==> flow/design.v <==
module alu_mult #(
    parameter int XLEN = 8
) (
    input logic CLK,
    input logic RST,
    input logic [XLEN-1:0] i_dataa,
    output logic [2*XLEN-1:0] o_m
);
    logic [XLEN-1:0] dataa_q;
    always_ff @(posedge CLK) begin
        if (RST) begin
            dataa_q <= 0;
            o_m <= 0;
        end else begin
            dataa_q <= i_dataa;
            o_m <= dataa_q * dataa_q;
        end
    end
endmodule
Step by step through the tools: alu_mult
The steps from the RTL of alu_mult to its reports follow in flow order.
Line numbers count from 1 in the design file above.
Cell names lack the library's common part.
{ "setup": {"top_module": "alu_mult", "clock": "CLK", "cell_library": "sky130hd", "lib_corner": "tt_025C_1v80"} }

Elaborated design
Yosys after proc, flatten, opt, wreduce and memory -nomap, before mapping. Enables and synchronous resets that opt folds into registers are not counted as muxes. Memory bits, and registers merged into a memory's read port (data or address), are not among the register bits. Print and check cells are not counted. Equal cells are merged and count once.
{ "op_classes": {"n_mul": 1} }
{ "op_table": {"columns": ["cell", "n"], "rows": [
  ["8-bit by 8-bit multiplier with 16-bit output", 1]
]} }
{ "word_totals": {"reg_bits": 24, "wordCells": 3, "output_inout_bits": 16} }

Logic depth
Longest topological path by Yosys (ltp), each cell counted once; first at word level (registers and memories cut), then after technology mapping (sequential cells cut; the memories' decode and read muxes count).
{ "depth": {"depth_word": 1, "abc_area": 0, "mapped_depth": 16} }

Netlist
Yosys stat after the flow's synthesis: flattened, memories mapped to cells. It holds for the ABC_AREA given above (unset counts as 0); a run with the other value may have another netlist.
Totals and module areas in this step are rounded.
{ "mapped": {"mapped_cells": 251, "synth_area_um2": 2280, "ffs": 23} }
{ "by_type": {"columns": ["cell", "n", "area_total_um2"], "rows": [
  ["fa_1", 25, 500.48],
  ["dfxtp_1", 23, 460.442],
  ["ha_1", 30, 375.36],
  ["inv_1", 50, 187.68],
  ["and2_1", 19, 118.864],
  ["xnor2_1", 10, 87.584],
  ["nor2b_1", 13, 81.328],
  ["nor2_1", 16, 60.058],
  ["nand2_1", 11, 41.29],
  ["a21oi_1", 7, 35.034],
  ["xor2_1", 4, 35.034],
  ["nor3b_1", 3, 22.522],
  ["nand3_1", 4, 20.019],
  ["o21ai_0", 4, 20.019],
  ["a21oi_2", 2, 17.517],
  ["a21o_1", 2, 15.014],
  ["clkbuf_1", 4, 15.014],
  ["o21a_1", 2, 15.014]
]} }
Not listed: further types 21, cells in them 22.

Worst setup path after synthesis
Source: OpenSTA report_checks on the synthesized netlist (no wires, ideal clock, input and output delay 20% of the period each), path of least setup slack; recovery checks are left aside. Register names are those of the netlist, which keeps one name where synthesis merged equal registers.
{ "synth_timing": {"kind": "register to register", "startpoint": "register dataa_q[5]", "endpoint": "register o_m[13]", "n_path_buf": 0, "launch_ns": 0.000, "t_required_ns": 5.067, "stages": 14, "arrival_ns": 4.029, "clock_period_ns": 5.19, "path_delay_ns": 4.152, "path_slack_ns": 1.038, "synth_period_reached_ns": 4.152} }
"path_delay_ns" is the arrival time less input delay plus setup time.
"stages": output pins that drive a net of the path, with the launching flip-flop's if there is one; two outputs of one cell count as two.
"synth_period_reached_ns" is the clock period less the worst setup slack; recovery checks do not enter. This is arithmetic on one report: input and output delays are still those of the set period (20% each).
Between the ends stands the longest chain of elaborated cells between them, by number of cells; it is not shown to be the way that was timed. Of several equally long chains one is given.
Each line given opens the expression or statement behind the cell; cells for indexed reads and writes are added by Yosys, which also makes memories of some case tables.
{ "synth_via": {"path_cell_list": "dfxtp_1 inv_1 nor2_1 fa_1 fa_1 inv_1 fa_1 fa_1 inv_1 ha_1 o211ai_1 nor2_1 a311oi_1 mux2_1", "elab_chain_cells": 1, "cells_between": 1, "cone_lines": 1, "classes_between": "mul (1)"} }
{ "synth_lines": {"columns": ["item", "line_no", "rtl"], "rows": [
  ["start, declared", 9, "logic [XLEN-1:0] dataa_q;"],
  ["start, assigned", 12, "dataa_q <= 0;"],
  ["start, assigned", 15, "dataa_q <= i_dataa;"],
  ["8-bit by 8-bit multiplier with 16-bit output", 16, "o_m <= dataa_q * dataa_q;"],
  ["end, assigned", 13, "o_m <= 0;"],
  ["end, assigned", 16, null],
  ["end, declared", 7, "output logic [2*XLEN-1:0] o_m"]
]} }

Timing after layout
From the final timing report of job 1: the path of least setup slack in the routed layout; clock arrival at registers is part of the times.
{ "layout_timing": {"kind": "register to register", "startpoint": "register dataa_q[2]", "endpoint": "register o_m[13]", "stages": 15, "t_required_ns": 5.51, "path_slack_ns": 1.28, "clock_period_ns": 5.35, "arrival_ns": 4.23, "n_path_buf": 1, "launch_ns": 0.26} }
Between the ends stands the longest chain of elaborated cells between them, by number of cells; it is not shown to be the way that was timed. Of several equally long chains one is given.
{ "layout_via": {"path_cell_list": "dfxtp_4 nand2_1 fa_1 inv_1 fa_1 fa_1 inv_1 fa_1 inv_1 ha_2 o211ai_1 buf_4 nor2_1 a311oi_1 mux2_1", "elab_chain_cells": 1, "cells_between": 1, "cone_lines": 1, "classes_between": "mul (1)"} }
{ "layout_lines": {"columns": ["item", "line_no", "rtl"], "rows": [
  ["start, declared", 9, "logic [XLEN-1:0] dataa_q;"],
  ["start, assigned", 12, "dataa_q <= 0;"],
  ["start, assigned", 15, "dataa_q <= i_dataa;"],
  ["8-bit by 8-bit multiplier with 16-bit output", 16, "o_m <= dataa_q * dataa_q;"],
  ["end, assigned", 13, "o_m <= 0;"],
  ["end, assigned", 16, null],
  ["end, declared", 7, "output logic [2*XLEN-1:0] o_m"]
]} }

Hand-over note for alu_mult

Measured results for alu_mult: 3 stored runs of the Yosys and OpenROAD flow on sky130hd. The settings differ; the order carries no meaning. The constraints put input and output delay at 20% of the set period each and load the outputs with 0.01 pF.
"clock_period_reached_ns" means the clock period less the worst setup slack. The figure is calculated, with input and output delays left at 20% of the set period.
Values from the reports are rounded here.

Job 1
==> flow/run.sh <==
#!/bin/bash
# the make line also repeats the synthesis and layout settings of config.mk as NAME=value (left out here)
make -C /OpenROAD-flow-scripts/flow DESIGN_CONFIG=/design/flow/config.mk WORK_HOME=/design/flow/orfs CLKGATE_MAP_FILE= finish
==> flow/config.mk <==
export PLATFORM = sky130hd
export DESIGN_NAME = alu_mult
export DESIGN_NICKNAME = alu_mult
export VERILOG_FILES = /design/flow/design.v
export SDC_FILE = /design/flow/constraint.sdc
export NUM_CORES = 4
export LEC_CHECK = 0
export ABC_AREA = 0
export CAP_MARGIN = 35
export CELL_PAD_IN_SITES_DETAIL_PLACEMENT = 0
export CORE_MARGIN = 2
export CORE_UTILIZATION = 41
export CTS_CLUSTER_SIZE = 40
export HOLD_SLACK_MARGIN = -0.07
export PLACE_DENSITY = 0.56
export SETUP_SLACK_MARGIN = 1.13
export SLEW_MARGIN = 20
==> flow/constraint.sdc <==
create_clock -name core_clock -period 5.35 [get_ports {CLK}]
set_input_delay 1.0700 -clock core_clock [delete_from_list [all_inputs] [get_ports {CLK}]]
set_output_delay 1.0700 -clock core_clock [all_outputs]
set_load 0.01 [all_outputs]

==> results of job 1, as JSON <==
{
  "ys_area_um2": 2280,
  "design.die.area_um2": 6180,
  "layout_utilization_pct": 51.9,
  "final_setup_ws_ns": 1.28,
  "setupTns_ns": 0.000,
  "clock_period_reached_ns": 4.070
}

Job 2
==> flow/run.sh <==
#!/bin/bash
# the make line also repeats the synthesis and layout settings of config.mk as NAME=value (left out here)
make -C /OpenROAD-flow-scripts/flow DESIGN_CONFIG=/design/flow/config.mk WORK_HOME=/design/flow/orfs CLKGATE_MAP_FILE= finish
==> flow/config.mk <==
export PLATFORM = sky130hd
export DESIGN_NAME = alu_mult
export DESIGN_NICKNAME = alu_mult
export VERILOG_FILES = /design/flow/design.v
export SDC_FILE = /design/flow/constraint.sdc
export NUM_CORES = 4
export LEC_CHECK = 0
export CAP_MARGIN = 20
export CORE_ASPECT_RATIO = 1.47
export CORE_MARGIN = 10
export CORE_UTILIZATION = 52
export CTS_CLUSTER_SIZE = 72
export GPL_ROUTABILITY_DRIVEN = 1
export MAX_ROUTING_LAYER = met5
export SETUP_SLACK_MARGIN = 1.09
export SLEW_MARGIN = 20
export TNS_END_PERCENT = 50
==> flow/constraint.sdc <==
create_clock -name core_clock -period 3.7 [get_ports {CLK}]
set_input_delay 0.7400 -clock core_clock [delete_from_list [all_inputs] [get_ports {CLK}]]
set_output_delay 0.7400 -clock core_clock [all_outputs]
set_load 0.01 [all_outputs]

==> results of job 2, as JSON <==
{
  "ys_area_um2": 2280,
  "design.die.area_um2": 7480,
  "layout_utilization_pct": 74.6,
  "final_setup_ws_ns": -0.178,
  "setupTns_ns": -0.847,
  "clock_period_reached_ns": 3.878
}

Job 3
==> flow/run.sh <==
#!/bin/bash
# the make line also repeats the synthesis and layout settings of config.mk as NAME=value (left out here)
make -C /OpenROAD-flow-scripts/flow DESIGN_CONFIG=/design/flow/config.mk WORK_HOME=/design/flow/orfs CLKGATE_MAP_FILE= finish
==> flow/config.mk <==
export PLATFORM = sky130hd
export DESIGN_NAME = alu_mult
export DESIGN_NICKNAME = alu_mult
export VERILOG_FILES = /design/flow/design.v
export SDC_FILE = /design/flow/constraint.sdc
export NUM_CORES = 4
export LEC_CHECK = 0
export CAP_MARGIN = 20
export CORE_MARGIN = 2
export CORE_UTILIZATION = 40
export SLEW_MARGIN = 20
==> flow/constraint.sdc <==
create_clock -name core_clock -period 5.19 [get_ports {CLK}]
set_input_delay 1.0380 -clock core_clock [delete_from_list [all_inputs] [get_ports {CLK}]]
set_output_delay 1.0380 -clock core_clock [all_outputs]
set_load 0.01 [all_outputs]

==> results of job 3, as JSON <==
{
  "ys_area_um2": 2280,
  "design.die.area_um2": 6320,
  "layout_utilization_pct": 48.0,
  "final_setup_ws_ns": 0.622,
  "setupTns_ns": 0.000,
  "clock_period_reached_ns": 4.568
}

End of note.
